==> flow/design.v <==
module mult_blk #(
  parameter int WIDTH = 6,
  parameter int WAYS = 2,
  parameter int OUT_W = 2*WIDTH + $clog2(WAYS)
) (
  input logic sys_clk,
  input logic RST,
  input logic clk_en,
  input logic [WAYS*WIDTH-1:0] rs1,
  input logic [WAYS*WIDTH-1:0] rs2,
  output logic [OUT_W-1:0] p
);
  logic [WAYS*WIDTH-1:0] rs1_reg;
  logic [WAYS*WIDTH-1:0] rs2_reg;
  always_ff @(posedge sys_clk) begin
    if (RST) begin
      rs1_reg <= 0;
      rs2_reg <= 0;
    end else if (clk_en) begin
      rs1_reg <= rs1;
      rs2_reg <= rs2;
    end
  end
  logic [2*WAYS*WIDTH-1:0] part;
  generate
    for (genvar g = 0; g < WAYS; g++) begin : u_g
      assign part[2*g*WIDTH +: 2*WIDTH] = rs1_reg[g*WIDTH +: WIDTH] * rs2_reg[g*WIDTH +: WIDTH];
    end
  endgenerate
  logic [2*WAYS*WIDTH-1:0] part_reg;
  always_ff @(posedge sys_clk) begin
    if (RST) begin
      part_reg <= 0;
    end else if (clk_en) begin
      part_reg <= part;
    end
  end
  logic [OUT_W-1:0] tmp;
  always_comb begin
    tmp = 0;
    for (int k = 0; k < WAYS; k++)
      tmp = tmp + part_reg[2*k*WIDTH +: 2*WIDTH];
  end
  always_ff @(posedge sys_clk) begin
    if (RST) begin
      p <= 0;
    end else if (clk_en) begin
      p <= tmp;
    end
  end
endmodule
## From RTL to reports: mult_blk

What the tools print for mult_blk, step after step.
Lines are those of the file above, counted from 1.
Library cell names are shortened.
A cell with -- has no value.

- Top module: mult_blk
- Clock input: sys_clk
- Standard-cell library: sky130hd
- Timing corner: tt_025C_1v80

## Word-level counts

Source: Yosys, flattened and elaborated, memories not mapped. Widths are those after wreduce; folded enables and synchronous resets count as part of the registers. Registers that Yosys merges into a memory's read port (data or address) are not register bits. Print and check cells do not count. Equal cells are merged and count once.

- Word-level cells: 7
- Flip-flop bits (word level): 61
- Input bits: 27

- Add/sub/neg operators: 1
- $mul: 2

Operators by type and width:

| operator | number |
|---|---|
| 6-bit by 6-bit multiplier with 12-bit output | 2 |
| 12-bit by 12-bit adder with 13-bit output | 1 |

## Depth

Longest topological path by Yosys (ltp), each cell counted once; first at word level (registers and memories cut), then after technology mapping (sequential cells cut; the memories' decode and read muxes count).

- Depth after elaboration: 1
- ABC_AREA: 0
- Mapped depth: 13
- Gate-level depth less buffers: 13

## Mapped cells and area

The flow's flattened synthesis, as Yosys stat reports it; memories are mapped. The netlist is that of the ABC_AREA named above (0 if unset); the other value can give another one.

- Cells in the netlist: 541
- Mapped area: 4,878.4 um2
- Buffer cells: 19
- Flip-flop cells: 61

Cells by type:

| cell | number |
|---|---|
| dfxtp_1 | 61 |
| fa_1 | 35 |
| ha_1 | 52 |
| mux2i_1 | 37 |
| and2_1 | 47 |
| inv_1 | 52 |
| nor2_1 | 52 |
| nand2_1 | 43 |
| o21a_1 | 11 |
| a21oi_1 | 16 |
| nor3_1 | 14 |
| a211oi_1 | 9 |
| or4_1 | 7 |
| buf_2 | 10 |
| nand3_1 | 10 |
| o21ai_0 | 9 |
| a21o_1 | 5 |
| nand4_1 | 6 |

Other cell types: 35; their cells: 65.

## Path before layout

OpenSTA on the mapped netlist: ideal clock, no wires. The path of least setup slack (recovery checks aside). Input and output delay are each 20% of the period. Register names are those of the netlist, which keeps one name where synthesis merged equal registers.

- Path kind: flip-flop to flip-flop
- Start: register rs1_reg[2]
- End: register part_reg[10]
- Path buffers: 0
- Data arrival time: 3,533 ps
- Stages: 13
- Period: 4,560 ps
- Setup time: 116 ps
- Time at the first pin: 0 ps
- Data required time: 4,444 ps
- Setup slack: 912 ps
- Path delay: 3,649 ps
- Synthesis period reached: 3,648 ps

"path delay" is the arrival time less input delay plus setup time.
"stages" counts driving pins, that of a launching flip-flop among them; a cell with two outputs on the path counts twice.
"synthesis period reached" is the clock period less the worst setup slack; recovery checks do not enter. This is arithmetic on one report: input and output delays are still those of the set period (20% each).
Between the ends stands the longest chain of elaborated cells between them, by number of cells; it is not shown to be the way that was timed. Of several equally long chains one is given.
A line is the first line of the expression or statement that the cell stems from. Yosys adds cells for indexed reads and writes and turns some case tables into memories.

- Cells stage by stage: dfxtp_1 -> nand2_1 -> fa_1 -> inv_1 -> fa_1 -> inv_1 -> fa_1 -> inv_1 -> ha_1 -> or4_1 -> o22ai_1 -> mux2_1 -> a31o_1
- Length of the longest elaborated chain: 1

Ends and longest elaborated chain, post-synthesis:

| element | RTL line | source |
|---|---|---|
| from (decl) | 13 | `logic [WAYS*WIDTH-1:0] rs1_reg;` |
| from (assign) | 17 | `rs1_reg <= 0;` |
| from (assign) | 20 | `rs1_reg <= rs1;` |
| 6-bit by 6-bit multiplier with 12-bit output | 27 | `assign part[2*g*WIDTH +: 2*WIDTH] = rs1_reg[g*WIDTH +: WIDTH] * rs2_reg[g*WIDTH +: WIDTH];` |
| to (assign) | 33 | `part_reg <= 0;` |
| to (assign) | 35 | `part_reg <= part;` |
| to (decl) | 30 | `logic [2*WAYS*WIDTH-1:0] part_reg;` |

## Worst path after layout

From the final timing report of flow run 1: the path of least setup slack in the routed layout; clock arrival at registers is part of the times.
The path's times are printed in steps of 10 ps; the period is the one set.

- Path kind: flip-flop to flip-flop
- Start: register rs1_reg[2]
- End: register part_reg[10]
- Time at the first pin: 340 ps
- Setup slack: 2,280 ps
- Data arrival time: 4,130 ps
- Data required time: 6,420 ps
- Stages: 13
- Path buffers: 0
- Period: 6,170 ps
- Setup time: 100 ps

Between the ends stands the longest chain of elaborated cells between them, by number of cells; it is not shown to be the way that was timed. Of several equally long chains one is given.

- Cells stage by stage: dfxtp_1 -> nand2_1 -> fa_1 -> inv_1 -> fa_1 -> inv_1 -> fa_1 -> inv_1 -> ha_1 -> or4_1 -> o22ai_1 -> mux2_1 -> a31o_1
- Length of the longest elaborated chain: 1

Ends and longest elaborated chain, after layout:

| element | RTL line | source |
|---|---|---|
| from (decl) | 13 | `logic [WAYS*WIDTH-1:0] rs1_reg;` |
| from (assign) | 17 | `rs1_reg <= 0;` |
| from (assign) | 20 | `rs1_reg <= rs1;` |
| 6-bit by 6-bit multiplier with 12-bit output | 27 | `assign part[2*g*WIDTH +: 2*WIDTH] = rs1_reg[g*WIDTH +: WIDTH] * rs2_reg[g*WIDTH +: WIDTH];` |
| to (assign) | 33 | `part_reg <= 0;` |
| to (assign) | 35 | `part_reg <= part;` |
| to (decl) | 30 | `logic [2*WAYS*WIDTH-1:0] part_reg;` |

Subject: mult_blk on sky130hd, stored results

Hello all,

Flow measurements of mult_blk on sky130hd: 3 stored runs with different settings, listed in no order. Input and output delays are each 20% of the period that was set; the output load is 0.01 pF.
"clock period achieved" = clock period - worst setup slack. The figure is calculated, with input and output delays left at 20% of the set period.
"worst path time" is the time allowed to the run's worst setup path (the clock period less input and output delay, where it has them) less its slack. Clock arrival times count: a late capture clock shortens it, a late launch clock lengthens it.
"worst path time" is given in steps of 10 ps.

### Flow run 1

Settings: `period_ns=6.17`, `CORE_UTILIZATION=49`, `PLACE_DENSITY_LB_ADDON=0.22`, `CTS_CLUSTER_DIAMETER=281`, `MAX_ROUTING_LAYER=met4`, `CAP_MARGIN=20`, `CORE_MARGIN=2`, `SLEW_MARGIN=20`

- Total negative setup slack: 0 ps
- Worst path time: 3,890 ps
- Critical path kind: flip-flop to flip-flop
- Clock period achieved: 3,886 ps
- Utilization of the finished layout: 56.9%
- Full die area: 10,770.3 um2
- Worst setup slack after layout: 2,284 ps
- Post-synthesis cell area: 4,878.4 um2
- Worst-case hold slack: 466 ps

### Flow run 2

Settings: `period_ns=4.02`, `CORE_UTILIZATION=59`, `SETUP_SLACK_MARGIN=0.09`, `PLACE_DENSITY=0.89`, `CORE_ASPECT_RATIO=1.04`, `GPL_TIMING_DRIVEN=0`, `GPL_ROUTABILITY_DRIVEN=1`, `CTS_CLUSTER_SIZE=89`, `SLEW_MARGIN=15`, `MAX_ROUTING_LAYER=met4`, `CAP_MARGIN=20`, `CORE_MARGIN=2`

- Total negative setup slack: 0 ps
- Worst path time: 3,870 ps
- Critical path kind: flip-flop to flip-flop
- Clock period achieved: 3,866 ps
- Utilization of the finished layout: 71.0%
- Full die area: 9,011.9 um2
- Worst setup slack after layout: 154 ps
- Post-synthesis cell area: 4,878.4 um2
- Worst-case hold slack: 465 ps

### Flow run 3

Settings: `period_ns=4.56`, `CAP_MARGIN=20`, `CORE_MARGIN=2`, `CORE_UTILIZATION=40`, `SLEW_MARGIN=20`

- Total negative setup slack: 0 ps
- Worst path time: 3,880 ps
- Critical path kind: flip-flop to flip-flop
- Clock period achieved: 3,885 ps
- Utilization of the finished layout: 47.1%
- Full die area: 13,095.4 um2
- Worst setup slack after layout: 675 ps
- Post-synthesis cell area: 4,878.4 um2
- Worst-case hold slack: 463 ps

Thanks
